==> flow/design.v <==
module sync_barrel #(
  parameter integer WIDTH = 24,
  parameter integer SBITS = $clog2(WIDTH)
) (
  input wire i_clk,
  input wire [WIDTH-1:0] d_i,
  input wire [SBITS-1:0] shamt_i,
  output reg [WIDTH-1:0] res_o
);
  wire [WIDTH-1:0] node [0:SBITS];
  assign node[0] = d_i;
  genvar ii;
  generate
    for (ii = 0; ii < SBITS; ii = ii + 1) begin : row
      assign node[ii+1] = shamt_i[ii] ? (node[ii] << (1 << ii)) | (node[ii] >> (WIDTH - (1 << ii))) : node[ii];
    end
  endgenerate
  always @(posedge i_clk) begin
    res_o <= node[SBITS];
  end
endmodule
# Step by step through the tools: sync_barrel
# What the tools print for sync_barrel, step after step.
# Line numbers count from 1 in the design file above.
# Operators carry their Yosys type and port widths (W data, S select, Z words).
# Library cell names are shortened.
inputs:
  top_module: "sync_barrel"
  clk_port: "i_clk"
  lib: "sky130hd"
  pvt_corner: "tt_025C_1v80"

# Word-level counts
# Counts by Yosys on the flattened word-level netlist (proc, flatten, opt, wreduce; memories kept). Register bits leave out memories and registers merged into their read ports (data or address); mux counts leave out enables and synchronous resets folded into registers. Print and check cells are left out. Cells with the same type and inputs are merged into one.
word_totals:
  wordCells: 11
  regBits: 24
classes:
  bitwise: 5
  muxes: 5
op_table:
  columns: ["op", "n"]
  rows:
  - ["$mux W24", 5]
  - ["$or A24 B1 Y24", 1]
  - ["$or A24 B16 Y24", 1]
  - ["$or A24 B2 Y24", 1]
  - ["$or A24 B4 Y24", 1]
  - ["$or A24 B8 Y24", 1]

# Depth
# Depth = most cells in a row (Yosys ltp): at word level without a register or memory, in the mapped netlist without a sequential cell, where the memories' decode and read muxes count.
logic_depth:
  depth_word: 10
  abc_area: 0
  mapped_depth: 5
  mapped_depth_nobuf: 3

# After synthesis
# Yosys stat after the flow's synthesis: flattened, memories mapped to cells. It holds for the ABC_AREA given above (unset counts as 0); a run with the other value may have another netlist.
# Totals and module areas in this step are rounded.
by_type:
  columns: ["type", "n", "type_area_um2"]
  rows:
  - ["mux4_1", 36, 945.907]
  - ["dfxtp_1", 24, 480.461]
  - ["mux2_2", 24, 270.259]
  - ["mux4_2", 12, 270.259]
  - ["clkbuf_1", 11, 41.29]
  - ["buf_12", 1, 20.019]
  - ["buf_8", 1, 15.014]
  - ["buf_6", 1, 11.261]
  - ["buf_1", 1, 3.754]
mapped:
  area_mm2: 0.0021
  seq_area_mm2: 0.00048
  stdcells: 111
  n_buf: 15
  flip_flops: 24

# Worst setup path after synthesis
# Source: OpenSTA report_checks on the synthesized netlist (no wires, ideal clock, input and output delay 20% of the period each), path of least setup slack; recovery checks are left aside. Register names are those of the netlist, which keeps one name where synthesis merged equal registers.
synth_path:
  path_kind: "input to register"
  from: "input shamt_i[2]"
  to: "register res_o[13]"
  delay_ns: 1.817
  t_required_ns: 2.719
  driving_pins: 5
  n_path_buf: 2
  setup_slack_ns: 0.456
  period_ns: 2.84
  setup_time_ns: 0.121
  input_delay_ns: 0.568
  t_arrival_ns: 2.264
  synth_period_reached_ns: 2.384
# "delay_ns" = arrival - input delay + setup time.
# "driving_pins" counts driving pins, that of a launching flip-flop among them; a cell with two outputs on the path counts twice.
# "synth_period_reached_ns" is the clock period less the worst setup slack; recovery checks do not enter. This is arithmetic on one report: input and output delays are still those of the set period (20% each).
# Between the ends stands the longest chain of elaborated cells between them, by number of cells; it is not shown to be the way that was timed. Of several equally long chains one is given.
# A line is the first line of the expression or statement that the cell stems from. Yosys adds cells for indexed reads and writes and turns some case tables into memories.
synth_between:
  path_cell_list: "clkbuf_1 -> clkbuf_1 -> mux4_2 -> mux4_1 -> mux2_2"
  elab_chain_len: 5
  cells_between: 5
  classes_between: "mux: 3; logic: 2"
synth_lines:
  columns: ["element", "line", "source"]
  rows:
  - ["start, declared", 7, "input wire [SBITS-1:0] shamt_i,"]
  - ["$mux W24", 15, "assign node[ii+1] = shamt_i[ii] ? (node[ii] << (1 << ii)) | (node[ii] >> (WIDTH - (1 << ii))) : node[ii];"]
  - ["$or A24 B8 Y24", 15, null]
  - ["$mux W24", 15, null]
  - ["$or A24 B16 Y24", 15, null]
  - ["$mux W24", 15, null]
  - ["end, assigned", 19, "res_o <= node[SBITS];"]
  - ["end, declared", 8, "output reg [WIDTH-1:0] res_o"]

# Worst path after layout
# From the final timing report of run A: the path of least setup slack in the routed layout; clock arrival at registers is part of the times.
layout_path:
  path_kind: "input to register"
  from: "input shamt_i[0]"
  to: "register res_o[7]"
  t_required_ns: 2.99
  setup_slack_ns: 0.19
  driving_pins: 5
  period_ns: 2.84
  n_path_buf: 2
  t_arrival_ns: 2.80
  input_delay_ns: 0.57
  setup_time_ns: 0.11
# Between the ends stands the longest chain of elaborated cells between them, by number of cells; it is not shown to be the way that was timed. Of several equally long chains one is given.
layout_between:
  path_cell_list: "clkdlybuf4s50_1 -> buf_12 -> mux4_1 -> mux4_1 -> mux2_2"
  elab_chain_len: 9
  cells_between: 9
  classes_between: "mux: 5; logic: 4"
layout_lines:
  columns: ["element", "line", "source"]
  rows:
  - ["start, declared", 7, "input wire [SBITS-1:0] shamt_i,"]
  - ["$mux W24", 15, "assign node[ii+1] = shamt_i[ii] ? (node[ii] << (1 << ii)) | (node[ii] >> (WIDTH - (1 << ii))) : node[ii];"]
  - ["$or A24 B2 Y24", 15, null]
  - ["$mux W24", 15, null]
  - ["$or A24 B4 Y24", 15, null]
  - ["$mux W24", 15, null]
  - ["$or A24 B8 Y24", 15, null]
  - ["$mux W24", 15, null]
  - ["$or A24 B16 Y24", 15, null]
  - ["$mux W24", 15, null]
  - ["end, assigned", 19, "res_o <= node[SBITS];"]
  - ["end, declared", 8, "output reg [WIDTH-1:0] res_o"]

# Settings and measured results of 3 stored flow runs for module sync_barrel (sky130hd), not sorted in any way. The constraints put input and output delay at 20% of the set period each and load the outputs with 0.01 pF.
# "achievedPeriod_ns" is the run's clock period less its worst setup slack. It is reckoned from that one timing run; input and output delays stay at 20% of the period that was set.
# By "critical_path_time_ns" is meant the share of the clock period that the worst setup path is allowed (20% is reserved at inputs, 20% at outputs), minus its slack. Clock arrival times at its registers enter into it.
# Measured values are rounded.
runs:
  - name: "run A"
    settings:
      period_ns: 2.84
      CAP_MARGIN: 20
      CORE_MARGIN: 2
      CORE_UTILIZATION: 40
      SLEW_MARGIN: 20
    results:
      achievedPeriod_ns: 2.647
      layout_stdcell_area_mm2: 0.0027
      timing.setup.tns_ns: 0.000
      critical_path_time_ns: 2.08
      critical_path_type: "input to register"
      die_area_mm2: 0.0057
      synthArea_mm2: 0.0021
      final_setup_ws_ns: 0.19
  - name: "run B"
    settings:
      period_ns: 1.85
      CORE_UTILIZATION: 31
      SETUP_SLACK_MARGIN: 0.12
      PLACE_DENSITY: 0.5
      CELL_PAD_IN_SITES_GLOBAL_PLACEMENT: 2
      GPL_TIMING_DRIVEN: 1
      CTS_CLUSTER_DIAMETER: 162
      CAP_MARGIN: 5
      MIN_ROUTING_LAYER: "met2"
      CORE_MARGIN: 2
      SLEW_MARGIN: 20
    results:
      die_area_mm2: 0.0073
      layout_stdcell_area_mm2: 0.0029
      critical_path_time_ns: 1.47
      critical_path_type: "input to register"
      achievedPeriod_ns: 1.838
      timing.setup.tns_ns: 0.000
      synthArea_mm2: 0.0021
      final_setup_ws_ns: 0.012
  - name: "run C"
    settings:
      period_ns: 2.82
      CORE_UTILIZATION: 59
      SETUP_SLACK_MARGIN: 0.31
      PLACE_DENSITY_LB_ADDON: 0.18
      CORE_ASPECT_RATIO: 0.81
      ABC_AREA: 1
      GPL_TIMING_DRIVEN: 0
      CTS_CLUSTER_DIAMETER: 293
      CAP_MARGIN: 20
      CORE_MARGIN: 2
      SLEW_MARGIN: 20
    results:
      critical_path_time_ns: 1.18
      critical_path_type: "register to output"
      achievedPeriod_ns: 1.740
      layout_stdcell_area_mm2: 0.0026
      timing.setup.tns_ns: 0.000
      synthArea_mm2: 0.002
      die_area_mm2: 0.0038
      final_setup_ws_ns: 1.1
